==> flow/design.v <==
module word #(parameter N = 8) (
  input wire clk,
  input wire en,
  input wire [N-1:0] d,
  output reg [N-1:0] q
);
  always @(posedge clk)
    if (en) q <= d;
endmodule
module dp_mem_blk #(
  parameter DEPTH = 32,
  parameter NBITS = 6,
  parameter RP = 3,
  parameter ABITS = $clog2(DEPTH)
) (
  input  wire core_clk,
  input  wire rst_i,
  input  wire wr_en,
  input  wire [ABITS-1:0] write_addr,
  input  wire [NBITS-1:0] write_data,
  input  wire [RP*ABITS-1:0] read_addr,
  output reg [RP*NBITS-1:0] rd_data
);
  reg wr_en_reg;
  always @(posedge core_clk) begin
    if (rst_i) begin
      wr_en_reg <= 1'b0;
    end else begin
      wr_en_reg <= wr_en;
    end
  end
  reg [ABITS-1:0] write_addr_reg;
  always @(posedge core_clk) begin
    if (rst_i) begin
      write_addr_reg <= 0;
    end else begin
      write_addr_reg <= write_addr;
    end
  end
  reg [NBITS-1:0] write_data_reg;
  always @(posedge core_clk) begin
    if (rst_i) begin
      write_data_reg <= 0;
    end else begin
      write_data_reg <= write_data;
    end
  end
  wire [DEPTH*NBITS-1:0] bank;
  genvar g;
  generate
    for (g = 0; g < DEPTH; g = g + 1) begin : each
      word #(.N(NBITS)) u (.clk(core_clk), .en(wr_en_reg && write_addr_reg == g), .d(write_data_reg), .q(bank[g*NBITS +: NBITS]));
    end
  endgenerate
  reg [RP*ABITS-1:0] read_addr_reg;
  always @(posedge core_clk) begin
    if (rst_i) begin
      read_addr_reg <= 0;
    end else begin
      read_addr_reg <= read_addr;
    end
  end
  wire [RP*NBITS-1:0] work;
  genvar m;
  generate
    for (m = 0; m < RP; m = m + 1) begin : u_g
      assign work[m*NBITS +: NBITS] = bank[read_addr_reg[m*ABITS +: ABITS]*NBITS +: NBITS];
    end
  endgenerate
  always @(posedge core_clk) begin
    if (rst_i) begin
      rd_data <= 0;
    end else begin
      rd_data <= work;
    end
  end
endmodule
From RTL to reports: dp_mem_blk
The steps from the RTL of dp_mem_blk to its reports follow in flow order.
Line numbers count from 1 in the design file above.
Cell names lack the library's common part.
{"block": "setup", "top": "dp_mem_blk", "clk_port": "core_clk", "library": "sky130hd", "lib_corner": "tt_025C_1v80"}

Word level
Counts by Yosys on the flattened word-level netlist (proc, flatten, opt, wreduce; memories kept). Register bits leave out memories and registers merged into their read ports (data or address); mux counts leave out enables and synchronous resets folded into registers. Print and check cells are left out. Cells with the same type and inputs are merged into one.
{"block": "op_classes", "n_mul": 3, "equal": 31, "shift": 3, "n_reduce_logical": 33}
{"block": "ops", "cell": "variable part select 192 x 9 -> 6 bit", "count": 3}
{"block": "ops", "cell": "equality test 5 bit with constant B", "count": 16}
{"block": "ops", "cell": "multiplier 5 x 2 -> 7 bit with constant B", "count": 3}
{"block": "ops", "cell": "equality test 5 x 4 -> 1 bit with constant B", "count": 8}
{"block": "ops", "cell": "logical AND 1 bit", "count": 32}
{"block": "ops", "cell": "equality test 5 x 3 -> 1 bit with constant B", "count": 4}
{"block": "ops", "cell": "equality test 5 x 2 -> 1 bit with constant B", "count": 2}
{"block": "ops", "cell": "equality test 5 x 1 -> 1 bit with constant B", "count": 1}
{"block": "ops", "cell": "zero test 5 bit", "count": 1}
{"block": "word_totals", "reg_bits": 237, "in_bits": 29, "wordCells": 107}

Longest topological paths
Longest topological path by Yosys (ltp), each cell counted once; first at word level (registers and memories cut), then after technology mapping (sequential cells cut; the memories' decode and read muxes count).
{"block": "depth", "word_depth": 2, "ABC_AREA": 0, "depth_mapped": 6, "depth_no_buf": 4}

Synthesis result
Source: synth_stat.txt of the flow (Yosys; design flattened, memories mapped). It holds for the ABC_AREA given above (unset counts as 0); a run with the other value may have another netlist.
{"block": "synth_totals", "stdcells": 644, "area_um2": 11855.1, "seq_area_um2": 6666.4, "ff_cells": 237, "buf_cells": 51}
{"block": "by_type", "cell_type": "edfxtp_1", "count": 192, "type_area_um2": 5765.53}
{"block": "by_type", "cell_type": "mux4_2", "count": 109, "type_area_um2": 2.45E+03}
{"block": "by_type", "cell_type": "mux4_1", "count": 35, "type_area_um2": 919.632}
{"block": "by_type", "cell_type": "dfxtp_1", "count": 45, "type_area_um2": 900.864}
{"block": "by_type", "cell_type": "mux2i_1", "count": 29, "type_area_um2": 290.278}
{"block": "by_type", "cell_type": "nor2b_1", "count": 40, "type_area_um2": 250.24}
{"block": "by_type", "cell_type": "a22oi_1", "count": 31, "type_area_um2": 232.723}
{"block": "by_type", "cell_type": "buf_6", "count": 13, "type_area_um2": 146.39}
{"block": "by_type", "cell_type": "nor2_1", "count": 38, "type_area_um2": 142.637}
{"block": "by_type", "cell_type": "a211o_1", "count": 10, "type_area_um2": 87.584}
{"block": "by_type", "cell_type": "a31oi_1", "count": 12, "type_area_um2": 75.072}
{"block": "by_type", "cell_type": "a41oi_2", "count": 4, "type_area_um2": 65.062}
{"block": "by_type", "cell_type": "o22ai_1", "count": 10, "type_area_um2": 62.56}
{"block": "by_type", "cell_type": "a221o_1", "count": 6, "type_area_um2": 60.058}
{"block": "by_type", "cell_type": "buf_2", "count": 12, "type_area_um2": 60.058}
{"block": "by_type", "cell_type": "buf_4", "count": 8, "type_area_um2": 60.058}
{"block": "by_type", "cell_type": "nand3_1", "count": 10, "type_area_um2": 50.048}
{"block": "by_type", "cell_type": "clkbuf_1", "count": 11, "type_area_um2": 41.29}
Not listed: further types 14, cells in them 29.
The figures by module come from a second, unflattened synthesis with its own total; it is not the netlist above.
{"block": "unflattened", "cells_unflattened": 661, "hier_area_um2": 11832.6}
Each row is one instance without its submodules.
{"block": "by_module", "module": "dp_mem_blk", "instances": 1, "n_cells": 469, "area_um2": 6067.1, "mod_seq_area_um2": 900.9}
{"block": "by_module", "module": "word (N=6)", "instances": 32, "n_cells": 6, "area_um2": 180.2, "mod_seq_area_um2": 180.2}

Timing after synthesis
OpenSTA on the mapped netlist: ideal clock, no wires. The path of least setup slack (recovery checks aside). Input and output delay are each 20% of the period. Register names are those of the netlist, which keeps one name where synthesis merged equal registers.
{"block": "synth_path", "path_type": "reg-to-reg", "from": "register read_addr_reg[11]", "to": "register rd_data[13]", "clock_period_ns": 2.04, "setup_time_ns": 0.135, "t_first_pin_ns": 0.000, "t_arrival_ns": 1.499, "required_ns": 1.905, "slack_ns": 0.406, "path_delay_ns": 1.634, "stages": 6, "synth_period_reached_ns": 1.634}
"path_delay_ns" = arrival - input delay + setup time.
"stages" counts driving pins, that of a launching flip-flop among them; a cell with two outputs on the path counts twice.
"synth_period_reached_ns" is the clock period less the worst setup slack; recovery checks do not enter. This is arithmetic on one report: input and output delays are still those of the set period (20% each).
The rows between start and end are the longest chain of elaborated cells between them; the timing report does not say that the signal goes this way. Where chains are equally long, one stands for them.
A line is the first line of the expression or statement that the cell stems from. Yosys adds cells for indexed reads and writes and turns some case tables into memories.
{"block": "synth_via", "path_cell_list": "dfxtp_1 -> buf_6 -> buf_6 -> mux4_2 -> a22oi_1 -> a31oi_1", "elab_chain_cells": 2, "cells_between": 2}
{"block": "synth_rtl", "element": "start, declared", "line": 55, "rtl": "reg [RP*ABITS-1:0] read_addr_reg;"}
{"block": "synth_rtl", "element": "start, assigned", "line": 58, "rtl": "read_addr_reg <= 0;"}
{"block": "synth_rtl", "element": "start, assigned", "line": 60, "rtl": "read_addr_reg <= read_addr;"}
{"block": "synth_rtl", "element": "multiplier 5 x 2 -> 7 bit", "line": 67, "rtl": "assign work[m*NBITS +: NBITS] = bank[read_addr_reg[m*ABITS +: ABITS]*NBITS +: NBITS];"}
{"block": "synth_rtl", "element": "variable part select 192 x 9 -> 6 bit", "line": 67}
{"block": "synth_rtl", "element": "end, assigned", "line": 72, "rtl": "rd_data <= 0;"}
{"block": "synth_rtl", "element": "end, assigned", "line": 74, "rtl": "rd_data <= work;"}
{"block": "synth_rtl", "element": "end, declared", "line": 22, "rtl": "output reg [RP*NBITS-1:0] rd_data"}

Worst path after layout
From the final timing report of record 1: the path of least setup slack in the routed layout; clock arrival at registers is part of the times.
{"block": "layout_path", "path_type": "reg-to-reg", "from": "register read_addr_reg[11]", "to": "register rd_data[14]", "clock_period_ns": 2.04, "setup_time_ns": 0.12, "t_first_pin_ns": 0.53, "t_arrival_ns": 2.40, "required_ns": 2.45, "slack_ns": 0.05, "stages": 6}
The rows between start and end are the longest chain of elaborated cells between them; the timing report does not say that the signal goes this way. Where chains are equally long, one stands for them.
{"block": "layout_via", "path_cell_list": "dfxtp_2 -> buf_12 -> mux4_1 -> mux2i_1 -> a211o_1 -> a31oi_1", "elab_chain_cells": 2, "cells_between": 2}
{"block": "layout_rtl", "element": "start, declared", "line": 55, "rtl": "reg [RP*ABITS-1:0] read_addr_reg;"}
{"block": "layout_rtl", "element": "start, assigned", "line": 58, "rtl": "read_addr_reg <= 0;"}
{"block": "layout_rtl", "element": "start, assigned", "line": 60, "rtl": "read_addr_reg <= read_addr;"}
{"block": "layout_rtl", "element": "multiplier 5 x 2 -> 7 bit", "line": 67, "rtl": "assign work[m*NBITS +: NBITS] = bank[read_addr_reg[m*ABITS +: ABITS]*NBITS +: NBITS];"}
{"block": "layout_rtl", "element": "variable part select 192 x 9 -> 6 bit", "line": 67}
{"block": "layout_rtl", "element": "end, assigned", "line": 72, "rtl": "rd_data <= 0;"}
{"block": "layout_rtl", "element": "end, assigned", "line": 74, "rtl": "rd_data <= work;"}
{"block": "layout_rtl", "element": "end, declared", "line": 22, "rtl": "output reg [RP*NBITS-1:0] rd_data"}

Data sheet: physical implementation of dp_mem_blk

Stored flow runs of dp_mem_blk (3 of them; Yosys, OpenROAD, sky130hd). They differ in their settings and are not a sequence. Constraints: input delay and output delay 20% of the set period each, output load 0.01 pF.
"achieved_clock_period_ns" means the clock period less the worst setup slack. The figure is calculated, with input and output delays left at 20% of the set period.
"power_total_uw" is the tool's figure for a default switching activity; nothing was simulated.

{"run": "record 1", "settings": { "period_ns": 2.04, "CAP_MARGIN": 20, "CORE_MARGIN": 2, "CORE_UTILIZATION": 40, "SLEW_MARGIN": 20 }, "results": { "power_total_uw": 11581, "dieArea_um2": 31030.6, "achieved_clock_period_ns": 1.992, "ys_area_um2": 11855.1, "ws_setup_ns": 0.048, "final_util_frac": 0.477, "timing.hold.ws_ns": 0.426 }}
{"run": "record 2", "settings": { "period_ns": 1.39, "CORE_UTILIZATION": 58, "SETUP_SLACK_MARGIN": 0.19, "PLACE_DENSITY_LB_ADDON": 0.17, "CORE_ASPECT_RATIO": 1.13, "TNS_END_PERCENT": 70, "ABC_AREA": 1, "GPL_ROUTABILITY_DRIVEN": 0, "CTS_CLUSTER_SIZE": 57, "CTS_CLUSTER_DIAMETER": 198, "CAP_MARGIN": 20, "MIN_ROUTING_LAYER": "met1", "CORE_MARGIN": 2, "SLEW_MARGIN": 20 }, "results": { "power_total_uw": 14736, "dieArea_um2": 23910.7, "final_util_frac": 0.766, "achieved_clock_period_ns": 1.697, "ys_area_um2": 13158.9, "timing.hold.ws_ns": 0.210, "ws_setup_ns": -0.307 }}
{"run": "record 3", "settings": { "period_ns": 1.74, "CORE_UTILIZATION": 64, "PLACE_DENSITY_LB_ADDON": 0.0, "CELL_PAD_IN_SITES_GLOBAL_PLACEMENT": 0, "GPL_ROUTABILITY_DRIVEN": 1, "SLEW_MARGIN": 35, "MIN_ROUTING_LAYER": "met1", "CAP_MARGIN": 20, "CORE_MARGIN": 2 }, "results": { "ys_area_um2": 11855.1, "timing.hold.ws_ns": 0.358, "dieArea_um2": 19628.0, "ws_setup_ns": -0.134, "power_total_uw": 13081, "achieved_clock_period_ns": 1.874, "final_util_frac": 0.809 }}
